==> flow/design.v <==
module core_comparator_blk #(
  parameter NBITS = 18
) (
  input  logic clk,
  input  logic [NBITS-1:0] in_op_a,
  input  logic [NBITS-1:0] in_op_b,
  output logic out_a_eq_b
);
  logic [NBITS-1:0] op_a_ff;
  logic [NBITS-1:0] op_b_ff;
  always_ff @(posedge clk) begin
    op_a_ff <= in_op_a;
    op_b_ff <= in_op_b;
  end
  logic [NBITS-1:0] val;
  assign val = op_a_ff ^ op_b_ff;
  assign out_a_eq_b = ~|val;
endmodule
* Step by step through the tools: core_comparator_blk *
Tool output for the design above, in the order of the flow.
Line numbers count from 1 in the design file above.
Cell names lack the library's common part.
A cell with - has no value.

inputs
  design top = core_comparator_blk
  clock port = clk
  standard-cell library = sky130hd
  timing corner = tt_025C_1v80

* Word level *
Source: Yosys, flattened and elaborated, memories not mapped. Widths are those after wreduce; folded enables and synchronous resets count as part of the registers. Registers that Yosys merges into a memory's read port (data or address) are not register bits. Print and check cells do not count. Equal cells are merged and count once.

bit counts
  register bits = 36
  bits of input ports = 37
  output and inout port bits = 1
  elaborated cells = 5

operators by class
  bitwise logic cells = 1
  reduce/logical cells = 2

operators with widths
  kind                 count
  XOR 18 bit           1
  OR reduction 18 bit  1
  zero test 1 bit      1

* Longest topological paths *
Yosys ltp: most cells in a row. Word level: on the elaborated netlist, between registers, memories and ports. Mapped: between sequential cells and ports; inverters and the memories' decode and read muxes count.

logic depth
  word-level depth = 3
  ABC_AREA = 0
  mapped depth = 4
  mapped depth without buffers = 4

* Netlist *
The flow's flattened synthesis, as Yosys stat reports it; memories are mapped. The netlist is that of the ABC_AREA named above (0 if unset); the other value can give another one.
Totals and module areas in this step are rounded.

mapped netlist
  cells in the netlist = 60
  mapped area = 921 µm²
  area of sequential cells = 721 µm²
  flip-flops = 36
  buffer cells = 0

cells by type
  cell     count  total area (µm²)
  dfxtp_1  36     720.691
  xor2_1   14     122.618
  xnor2_1  4      35.034
  nor4_1   3      18.768
  nor4_2   1      12.512
  nand4_1  1      6.256
  nand3_1  1      5.005

* Timing after synthesis *
OpenSTA on the mapped netlist: ideal clock, no wires. The path of least setup slack (recovery checks aside). Input and output delay are each 20% of the period. Register names are those of the netlist, which keeps one name where synthesis merged equal registers.

path post-synthesis
  path type = reg-to-output
  from = reg op_b_ff[11]
  to = out out_a_eq_b
  period = 1.83 ns
  output delay = 0.366 ns
  launch time at the first pin = 0.000 ns
  arrival = 1.172 ns
  data required time = 1.464 ns
  setup slack = 0.292 ns
  delay of the path = 1.172 ns
  driving pins on the path = 5
  path buffers = 0
  period reached after synthesis = 1.538 ns

"delay of the path" is the arrival time less input delay plus setup time.
At an output port there is no setup time.
"driving pins on the path": output pins that drive a net of the path, with the launching flip-flop's if there is one; two outputs of one cell count as two.
"period reached after synthesis" = period - worst setup slack (recovery checks aside). The figure is calculated, with input and output delays left at 20% of the set period.
The rows between start and end are the longest chain of elaborated cells between them; the timing report does not say that the signal goes this way. Where chains are equally long, one stands for them.
A line is the first line of the expression or statement that the cell stems from. Yosys adds cells for indexed reads and writes and turns some case tables into memories.

between the ends, post-synthesis
  cell sequence = dfxtp_1 > xor2_1 > nor4_1 > nand3_1 > nor4_2
  length of the longest elaborated chain = 3
  elaborated cells on any way between the ends = 3
  source lines of those cells = 2
  classes of those cells = 1 x logic; 2 x reduce/logical

RTL lines, path post-synthesis
  element              line  source
  from (decl)          10    logic [NBITS-1:0] op_b_ff;
  from (assign)        13    op_b_ff <= in_op_b;
  XOR 18 bit           16    assign val = op_a_ff ^ op_b_ff;
  OR reduction 18 bit  17    assign out_a_eq_b = ~|val;
  zero test 1 bit      17
  to (decl)            7     output logic out_a_eq_b

* Worst path after layout *
Path of least setup slack in the final report of entry A (OpenROAD, finished layout, wires in). Where an end is a register, its clock arrival counts in the times.

path after layout
  path type = reg-to-output
  from = reg op_b_ff[2]
  to = out out_a_eq_b
  period = 1.83 ns
  output delay = 0.37 ns
  launch time at the first pin = 0.32 ns
  arrival = 1.49 ns
  data required time = 1.46 ns
  setup slack = -0.03 ns
  driving pins on the path = 6
  path buffers = 1

The rows between start and end are the longest chain of elaborated cells between them; the timing report does not say that the signal goes this way. Where chains are equally long, one stands for them.

between the ends, after layout
  cell sequence = dfxtp_1 > xor2_1 > nor4_1 > nand3_1 > nor4_2 > buf_2
  length of the longest elaborated chain = 3
  elaborated cells on any way between the ends = 3
  source lines of those cells = 2
  classes of those cells = 1 x logic; 2 x reduce/logical

RTL lines, path after layout
  element              line  source
  from (decl)          10    logic [NBITS-1:0] op_b_ff;
  from (assign)        13    op_b_ff <= in_op_b;
  XOR 18 bit           16    assign val = op_a_ff ^ op_b_ff;
  OR reduction 18 bit  17    assign out_a_eq_b = ~|val;
  zero test 1 bit      17
  to (decl)            7     output logic out_a_eq_b

Ticket comment

core_comparator_blk through Yosys and OpenROAD on sky130hd: 3 stored runs, unordered, with their settings and measured results. The constraints put input and output delay at 20% of the set period each and load the outputs with 0.01 pF.
"worst path time" means the part of the period allowed to the worst setup path (the constraints hold back 20% at inputs and 20% at outputs) less its slack; where the path has registers, the arrival times of their clocks count too.
By "total design power" is meant OpenSTA's value without simulated activity: inputs other than the clock are taken to toggle once in ten clock periods, and the tool carries that through the logic.
The measured numbers are rounded.
Among the settings, - means not set for that run.
Among the results, - means that no value is shown for the run.

setting or result                      entry A        entry B  entry C
period_ns                              1.83           1.33     2.82
CAP_MARGIN                             20             25       20
CORE_MARGIN                            2              8        2
CORE_UTILIZATION                       40             61       35
SLEW_MARGIN                            20             20       20
SETUP_SLACK_MARGIN                     -              0.01     -0.02
PLACE_DENSITY                          -              0.65     -
CELL_PAD_IN_SITES_GLOBAL_PLACEMENT     -              2        0
TNS_END_PERCENT                        -              85       -
GPL_TIMING_DRIVEN                      -              1        1
GPL_ROUTABILITY_DRIVEN                 -              1        -
MIN_ROUTING_LAYER                      -              met1     -
MAX_ROUTING_LAYER                      -              met4     met4
PLACE_DENSITY_LB_ADDON                 -              -        0.29
CORE_ASPECT_RATIO                      -              -        0.75
CTS_CLUSTER_SIZE                       -              -        31
std-cell area (final layout) (µm²)     1,400          -        1,420
Yosys chip area after synthesis (µm²)  921            -        921
total design power (µW)                1,370          -        954
setup slack of the critical path (ns)  -0.028         -        0.125
worst path time (ns)                   1.49           -        2.13
kind of the worst setup path           reg-to-output  -        reg-to-output
lowest hold slack (ns)                 0.475          -        0.671
overall die area (µm²)                 2,700          -        3,060
total negative slack (ns)              -0.028         -        0.000

Entry B: no results, placement failed with GPL-0301
